==> flow/design.v <==
module alu_chooser #(
    parameter integer DATA_WIDTH = 12,
    parameter integer WAYS = 2,
    parameter integer LOGN = $clog2(WAYS)
) (
    input  wire clk_i,
    input  wire resetn,
    input  wire [WAYS*DATA_WIDTH-1:0] din_i,
    input  wire [LOGN-1:0] select_i,
    output wire [DATA_WIDTH-1:0] result_o
);
    reg [WAYS*DATA_WIDTH-1:0] din_reg;
    reg [LOGN-1:0] select_reg;
    always @(posedge clk_i) begin
        if (!resetn) begin
            din_reg <= 0;
            select_reg <= 0;
        end else begin
            din_reg <= din_i;
            select_reg <= select_i;
        end
    end
    wire [DATA_WIDTH-1:0] nd [1:2*WAYS-1];
    genvar i;
    generate
        for (i = 0; i < WAYS; i = i + 1) begin : gen
            assign nd[WAYS+i] = din_reg[i*DATA_WIDTH +: DATA_WIDTH];
        end
        for (i = 1; i < WAYS; i = i + 1) begin : blk
            assign nd[i] = select_reg[LOGN - $clog2(i+1)] ? nd[2*i+1] : nd[2*i];
        end
    endgenerate
    reg [DATA_WIDTH-1:0] result_reg;
    always @(posedge clk_i) begin
        if (!resetn) begin
            result_reg <= 0;
        end else begin
            result_reg <= nd[1];
        end
    end
    assign result_o = result_reg;
endmodule
Reports on alu_chooser. What the tools print for alu_chooser, step after step. Line numbers count from 1 in the design file above. Operators: Yosys type, input widths -> output width; for muxes data width and select width s. Cell names lack the library's common part. Not given: -

Top module: alu_chooser. Clock port: clk_i. Standard-cell library: sky130hd. Corner: tt_025C_1v80.

Word-level counts. Source: Yosys, flattened and elaborated. Widths are those after wreduce; folded enables and synchronous resets count as part of the registers. Registers that Yosys merges into a memory's read port (data or address) are not register bits. Print and check cells do not count. Equal cells are merged and count once.

For register bits after elaboration the number is 37. The figure for bits of input ports is 27. For output and inout port bits the number is 12. For cells after elaboration the number is 4.

The figure for mux-type cells is 1.

Operator list (number): $mux 12 (1).

Logic depth. Yosys ltp: most cells in a row. Word level: on the elaborated netlist, between registers, memories and ports. Mapped: between sequential cells and ports; inverters and the memories' decode and read muxes count.

The entry for word-level depth reads 1. The figure for ABC_AREA is 0. For mapped depth the number is 3. For gate-level depth less buffers the number is 2.

Netlist. The flow's flattened synthesis, as Yosys stat reports it; memories are mapped. The netlist is that of the ABC_AREA named above (0 if unset); the other value can give another one. The area totals of this step are shown rounded.

Under mapped cells stands 90. The figure for mapped area is 0.001117 mm^2. The entry for mapped flip-flops reads 37. The figure for buffer cells is 4.

Cells by type: dfxtp_1 (number 37, area in all 740.71 um^2); and2_1 (number 25, area in all 156.4 um^2); mux2i_1 (number 12, area in all 120.115 um^2); nor2b_1 (number 12, area in all 75.072 um^2); buf_6 (number 1, area in all 11.261 um^2); buf_2 (number 2, area in all 10.01 um^2); clkbuf_1 (number 1, area in all 3.754 um^2).

Worst setup path after synthesis. Source: OpenSTA report_checks on the synthesized netlist (no wires, ideal clock, input and output delay 20% of the period each), path of least setup slack; recovery checks are left aside. Register names are those of the netlist, which keeps one name where synthesis merged equal registers.

Kind: register to register. Start: reg select_reg. End: reg result_reg[10]. For clock period the number is 1.1 ns. Launch time at the first pin: 0.000 ns. The figure for arrival is 0.766 ns. The figure for required time is 0.984 ns. Slack: 0.218 ns. For path delay the number is 0.882 ns. For stages the number is 4. The figure for period reached after synthesis is 0.882 ns.

"path delay" = arrival - input delay + setup time. "stages": output pins that drive a net of the path, with the launching flip-flop's if there is one; two outputs of one cell count as two. "period reached after synthesis" = period - worst setup slack (recovery checks aside). The figure is calculated, with input and output delays left at 20% of the set period. The rows between start and end are the longest chain of elaborated cells between them; the timing report does not say that the signal goes this way. Where chains are equally long, one stands for them. A line is the first line of the expression or statement that the cell stems from. Yosys adds cells for indexed reads and writes and turns some case tables into memories.

Cells stage by stage: dfxtp_1 > buf_6 > mux2i_1 > nor2b_1. The figure for cells in the longest elaborated chain is 1. The entry for elaborated cells on any way between the ends reads 1. Under RTL lines with such cells stands 1.

RTL lines, path after synthesis: start, declared (line 13) `reg [LOGN-1:0] select_reg;`; start, assigned (line 17) `select_reg <= 0;`; start, assigned (line 20) `select_reg <= select_i;`; $mux 12 (line 30) `assign nd[i] = select_reg[LOGN - $clog2(i+1)] ? nd[2*i+1] : nd[2*i];`; end, assigned (line 36) `result_reg <= 0;`; end, assigned (line 38) `result_reg <= nd[1];`; end, declared (line 33) `reg [DATA_WIDTH-1:0] result_reg;`.

Timing after layout. From the final timing report of stored run 1: the path of least setup slack in the routed layout; clock arrival at registers is part of the times.

Kind: register to output. Start: reg result_reg[6]. End: out result_o[6]. For clock period the number is 1.1 ns. The entry for external output delay reads 0.22 ns. Launch time at the first pin: 0.33 ns. The figure for arrival is 0.79 ns. The figure for required time is 0.88 ns. Slack: 0.09 ns. For stages the number is 2.

Cells stage by stage: dfxtp_2 > buf_2. The figure for cells in the longest elaborated chain is 0. The entry for elaborated cells on any way between the ends reads 0. Under RTL lines with such cells stands 0.

RTL lines, path after layout: start, declared (line 33) `reg [DATA_WIDTH-1:0] result_reg;`; start, assigned (line 36) `result_reg <= 0;`; start, assigned (line 38) `result_reg <= nd[1];`; end, declared (line 10) `output wire [DATA_WIDTH-1:0] result_o`.

Memo
Re: implementation data of alu_chooser

Settings and measured results of 3 stored flow runs for module alu_chooser (sky130hd), not sorted in any way. The constraints put input and output delay at 20% of the set period each and load the outputs with 0.01 pF. "achieved clock period" means the clock period less the worst setup slack. The figure is calculated, with input and output delays left at 20% of the set period. "total power after layout" is the tool's figure for a default switching activity; nothing was simulated. Values from the reports are rounded here.

Files of stored run 1:
==> flow/run.sh <==
#!/bin/bash
# the make line also repeats the synthesis and layout settings of config.mk as NAME=value (left out here)
make -C /OpenROAD-flow-scripts/flow DESIGN_CONFIG=/design/flow/config.mk WORK_HOME=/design/flow/orfs CLKGATE_MAP_FILE= finish
==> flow/config.mk <==
export PLATFORM = sky130hd
export DESIGN_NAME = alu_chooser
export DESIGN_NICKNAME = alu_chooser
export VERILOG_FILES = /design/flow/design.v
export SDC_FILE = /design/flow/constraint.sdc
export NUM_CORES = 4
export LEC_CHECK = 0
export CAP_MARGIN = 20
export CORE_MARGIN = 2
export CORE_UTILIZATION = 40
export SLEW_MARGIN = 20
==> flow/constraint.sdc <==
create_clock -name core_clock -period 1.1 [get_ports {clk_i}]
set_input_delay 0.2200 -clock core_clock [delete_from_list [all_inputs] [get_ports {clk_i}]]
set_output_delay 0.2200 -clock core_clock [all_outputs]
set_load 0.01 [all_outputs]

Results of stored run 1. The measured chip area after synthesis (Yosys) is 0.001117 mm^2. The total power after layout reads 2441 µW. The full die area stands at 0.003232 mm^2. The measured area of the standard cells in the finished layout is 0.001568 mm^2. The total negative slack on setup checks comes to 0.000 ns. The post-route utilization comes to 0.578. The final worst hold slack comes to 0.450 ns. The achieved clock period reads 1.008 ns. The measured worst setup slack after layout is 0.092 ns.

Files of stored run 2:
==> flow/run.sh <==
#!/bin/bash
# the make line also repeats the synthesis and layout settings of config.mk as NAME=value (left out here)
make -C /OpenROAD-flow-scripts/flow DESIGN_CONFIG=/design/flow/config.mk WORK_HOME=/design/flow/orfs CLKGATE_MAP_FILE= finish
==> flow/config.mk <==
export PLATFORM = sky130hd
export DESIGN_NAME = alu_chooser
export DESIGN_NICKNAME = alu_chooser
export VERILOG_FILES = /design/flow/design.v
export SDC_FILE = /design/flow/constraint.sdc
export NUM_CORES = 4
export LEC_CHECK = 0
export CAP_MARGIN = 20
export CELL_PAD_IN_SITES_GLOBAL_PLACEMENT = 1
export CORE_MARGIN = 6
export CORE_UTILIZATION = 42
export CTS_CLUSTER_DIAMETER = 262
export CTS_CLUSTER_SIZE = 87
export HOLD_SLACK_MARGIN = -0.02
export MIN_ROUTING_LAYER = met2
export PLACE_DENSITY_LB_ADDON = 0.06
export SETUP_SLACK_MARGIN = 0.27
export SLEW_MARGIN = 10
==> flow/constraint.sdc <==
create_clock -name core_clock -period 1.06 [get_ports {clk_i}]
set_input_delay 0.2120 -clock core_clock [delete_from_list [all_inputs] [get_ports {clk_i}]]
set_output_delay 0.2120 -clock core_clock [all_outputs]
set_load 0.01 [all_outputs]

Results of stored run 2. The measured chip area after synthesis (Yosys) is 0.001117 mm^2. The total power after layout reads 2487 µW. The full die area stands at 0.004042 mm^2. The measured area of the standard cells in the finished layout is 0.001653 mm^2. The total negative slack on setup checks comes to 0.000 ns. The post-route utilization comes to 0.661. The final worst hold slack comes to 0.392 ns. The achieved clock period reads 0.980 ns. The measured worst setup slack after layout is 0.080 ns.

Files of stored run 3:
==> flow/run.sh <==
#!/bin/bash
# the make line also repeats the synthesis and layout settings of config.mk as NAME=value (left out here)
make -C /OpenROAD-flow-scripts/flow DESIGN_CONFIG=/design/flow/config.mk WORK_HOME=/design/flow/orfs CLKGATE_MAP_FILE= finish
==> flow/config.mk <==
export PLATFORM = sky130hd
export DESIGN_NAME = alu_chooser
export DESIGN_NICKNAME = alu_chooser
export VERILOG_FILES = /design/flow/design.v
export SDC_FILE = /design/flow/constraint.sdc
export NUM_CORES = 4
export LEC_CHECK = 0
export CAP_MARGIN = 20
export CELL_PAD_IN_SITES_DETAIL_PLACEMENT = 1
export CELL_PAD_IN_SITES_GLOBAL_PLACEMENT = 0
export CORE_ASPECT_RATIO = 0.9
export CORE_MARGIN = 2
export CORE_UTILIZATION = 46
export CTS_CLUSTER_DIAMETER = 296
export CTS_CLUSTER_SIZE = 31
export PLACE_DENSITY = 0.84
export SETUP_SLACK_MARGIN = -0.15
export SLEW_MARGIN = 20
export TNS_END_PERCENT = 35
==> flow/constraint.sdc <==
create_clock -name core_clock -period 1.59 [get_ports {clk_i}]
set_input_delay 0.3180 -clock core_clock [delete_from_list [all_inputs] [get_ports {clk_i}]]
set_output_delay 0.3180 -clock core_clock [all_outputs]
set_load 0.01 [all_outputs]

Results of stored run 3. The measured chip area after synthesis (Yosys) is 0.001117 mm^2. The total power after layout reads 1731 µW. The full die area stands at 0.00284 mm^2. The measured area of the standard cells in the finished layout is 0.001599 mm^2. The total negative slack on setup checks comes to 0.000 ns. The post-route utilization comes to 0.713. The final worst hold slack comes to 0.507 ns. The achieved clock period reads 1.541 ns. The measured worst setup slack after layout is 0.049 ns.
